==> flow/design.v <==
module plus_blk #(
    parameter W = 48
) (
    input  logic CLK,
    input  logic nrst,
    input  logic [W-1:0] src1,
    input  logic [W-1:0] src2,
    input  logic [W-1:0] src3,
    output logic [W+1:0] s
);
    logic [W-1:0] src1_r;
    logic [W-1:0] src2_r;
    logic [W-1:0] src3_r;
    always_ff @(posedge CLK) begin
        if (!nrst) begin
            src1_r <= 0;
            src2_r <= 0;
            src3_r <= 0;
        end else begin
            src1_r <= src1;
            src2_r <= src2;
            src3_r <= src3;
        end
    end
    assign s = src1_r + src2_r + src3_r;
endmodule
From RTL to reports: plus_blk
What the tools print for plus_blk, step after step.
Line numbers count from 1 in the design file above.
Operators carry their Yosys type and port widths (W data, S select, Z words).
Cell names lack the library's common part.
A cell with n/a has no value.
Set-up
  top module: plus_blk
  clock input: CLK
  library: sky130hd
  corner: tt_025C_1v80

After elaboration
Counts by Yosys on the flattened word-level netlist (proc, flatten, opt, wreduce; memories kept). Register bits leave out memories and registers merged into their read ports (data or address); mux counts leave out enables and synchronous resets folded into registers. Print and check cells are left out. Cells with the same type and inputs are merged into one.
Storage and ports
  bits in registers: 144
  bits of input ports: 146
  word-level cells: 5
Operators by class
  add/subtract/negate cells: 2
Operators by type and width (count)
  $add A49 B48 Y50: 1
  $add A48 B48 Y49: 1

Depth
Longest topological path by Yosys (ltp), each cell counted once; first at word level (registers and memories cut), then after technology mapping (sequential cells cut; the memories' decode and read muxes count).
Logic depth
  depth in word-level cells: 2
  ABC_AREA: 0
  depth in mapped cells: 14
  gate-level depth less buffers: 14

Mapped cells and area
The flow's flattened synthesis, as Yosys stat reports it; memories are mapped. The netlist is that of the ABC_AREA named above (0 if unset); the other value can give another one.
Cell types (count)
  dfxtp_1: 144
  fa_1: 49
  and2_1: 148
  ha_1: 47
  a21oi_1: 53
  xnor2_1: 27
  nand2_1: 43
  o21ai_0: 30
  xor2_1: 15
  clkbuf_1: 32
  a21o_1: 14
  nor2_1: 26
  nand4_1: 15
  inv_1: 16
  o21bai_1: 7
  o21a_1: 6
  a211o_1: 5
  nand3_1: 7
Not listed: further types 41, cells in them 77.
Mapped netlist
  standard cells after synthesis: 761
  cell area after synthesis: 7626.1 um2
  sequential part of the area: 2882.8 um2
  mapped flip-flops: 144

Timing after synthesis
Path of least setup slack by OpenSTA after synthesis, without wires, with an ideal clock, recovery checks aside; 20% of the period is set as input and as output delay. Where synthesis merged equal registers, the netlist keeps one of their names.
Timing path after synthesis
  path kind: register to output
  start point: register src1_r[1]
  end point: output s[41]
  clock period: 5.36 ns
  arrival time: 3.431 ns
  required time: 4.288 ns
  path slack: 0.857 ns
  delay of the path: 3.431 ns
  stages on the path: 13
  path buffers: 0
  synthesis period reached: 4.503 ns
"delay of the path" = arrival - input delay + setup time.
At an output port there is no setup time.
"stages on the path": output pins that drive a net of the path, with the launching flip-flop's if there is one; two outputs of one cell count as two.
"synthesis period reached" is the clock period less the worst setup slack; recovery checks do not enter. This is arithmetic on one report: input and output delays are still those of the set period (20% each).
Between the ends stands the longest chain of elaborated cells between them, by number of cells; it is not shown to be the way that was timed. Of several equally long chains one is given.
A line is the first line of the expression or statement that the cell stems from. Yosys adds cells for indexed reads and writes and turns some case tables into memories.
Between the ends, after synthesis
  cell sequence: dfxtp_1 fa_1 ha_1 fa_1 a211oi_2 o21ai_2 a211o_1 a41oi_4 o21ai_2 a211o_1 o31a_4 a31oi_1 xnor2_1
  cells in the longest elaborated chain: 2
  elaborated cells between the ends (all ways): 2
  classes of those cells: add/sub: 2
Ends and longest elaborated chain, after synthesis
  from (decl): RTL line 11  | logic [W-1:0] src1_r;
  from (assign): RTL line 16  | src1_r <= 0;
  from (assign): RTL line 20  | src1_r <= src1;
  $add A48 B48 Y49: RTL line 25  | assign s = src1_r + src2_r + src3_r;
  $add A49 B48 Y50: RTL line 25
  to (decl): RTL line 9  | output logic [W+1:0] s

Worst path after layout
Path of least setup slack in the final report of stored run 1 (OpenROAD, finished layout, wires in). Where an end is a register, its clock arrival counts in the times.
Timing path post-layout
  path kind: register to output
  start point: register src1_r[5]
  end point: output s[40]
  clock period: 5.36 ns
  arrival time: 4.09 ns
  required time: 4.29 ns
  path slack: 0.20 ns
  stages on the path: 13
  path buffers: 1
Between the ends stands the longest chain of elaborated cells between them, by number of cells; it is not shown to be the way that was timed. Of several equally long chains one is given.
Between the ends, post-layout
  cell sequence: dfxtp_1 fa_1 ha_1 and2_1 a41oi_1 a21boi_2 a21oi_1 o311ai_2 o21ai_1 o31ai_2 a31oi_1 xnor2_1 clkdlybuf4s50_1
  cells in the longest elaborated chain: 2
  elaborated cells between the ends (all ways): 2
  classes of those cells: add/sub: 2
Ends and longest elaborated chain, post-layout
  from (decl): RTL line 11  | logic [W-1:0] src1_r;
  from (assign): RTL line 16  | src1_r <= 0;
  from (assign): RTL line 20  | src1_r <= src1;
  $add A48 B48 Y49: RTL line 25  | assign s = src1_r + src2_r + src3_r;
  $add A49 B48 Y50: RTL line 25
  to (decl): RTL line 9  | output logic [W+1:0] s

Add stored flow runs of plus_blk

Settings and measured results of 3 stored flow runs for module plus_blk (sky130hd), not sorted in any way. The constraints put input and output delay at 20% of the set period each and load the outputs with 0.01 pF.
"achieved clock period (ns)" = clock period - worst setup slack. The figure is calculated, with input and output delays left at 20% of the set period.
"worst setup path time (ns)" is the time allowed to the run's worst setup path (the clock period less input and output delay, where it has them) less its slack. Clock arrival times count: a late capture clock shortens it, a late launch clock lengthens it.
"finish__power__total" is the tool's figure for a default switching activity; nothing was simulated.

settings of stored run 1
{
  "period_ns": 5.36,
  "CAP_MARGIN": 20,
  "CORE_MARGIN": 2,
  "CORE_UTILIZATION": 40,
  "SLEW_MARGIN": 20
}
report of stored run 1
yosys chip area after synthesis (um^2): 7626.1
finish__design__die__area: 20185.3
finish__design__instance__area__stdcell: 10456.3
finish__design__instance__utilization: 0.5590
finish__timing__setup__ws: 0.199
finish__timing__setup__tns: 0.000
finish__timing__hold__ws: 1.231
finish__power__total: 3.524e-03
achieved clock period (ns): 5.161
worst setup path time (ns): 4.09
worst setup path kind: register to output

settings of stored run 2
{
  "period_ns": 3.55,
  "CORE_UTILIZATION": 63,
  "SETUP_SLACK_MARGIN": -0.02,
  "PLACE_DENSITY_LB_ADDON": 0.29,
  "CORE_ASPECT_RATIO": 0.68,
  "CORE_MARGIN": 9,
  "GPL_TIMING_DRIVEN": 0,
  "CAP_MARGIN": 10,
  "SLEW_MARGIN": 20
}
report of stored run 2: did not finish, cts, DPL-0033

settings of stored run 3
{
  "period_ns": 3.58,
  "CORE_UTILIZATION": 23,
  "PLACE_DENSITY_LB_ADDON": 0.09,
  "CORE_ASPECT_RATIO": 1.33,
  "CELL_PAD_IN_SITES_GLOBAL_PLACEMENT": 2,
  "GPL_TIMING_DRIVEN": 0,
  "GPL_ROUTABILITY_DRIVEN": 1,
  "CTS_CLUSTER_SIZE": 82,
  "CTS_CLUSTER_DIAMETER": 220,
  "SLEW_MARGIN": 10,
  "MIN_ROUTING_LAYER": "met1",
  "CAP_MARGIN": 20,
  "CORE_MARGIN": 2
}
report of stored run 3
yosys chip area after synthesis (um^2): 7626.1
finish__design__die__area: 34643.7
finish__design__instance__area__stdcell: 11663.7
finish__design__instance__utilization: 0.3586
finish__timing__setup__ws: -1.104
finish__timing__setup__tns: -27.854
finish__timing__hold__ws: 0.675
finish__power__total: 5.446e-03
achieved clock period (ns): 4.684
worst setup path time (ns): 3.97
worst setup path kind: register to output
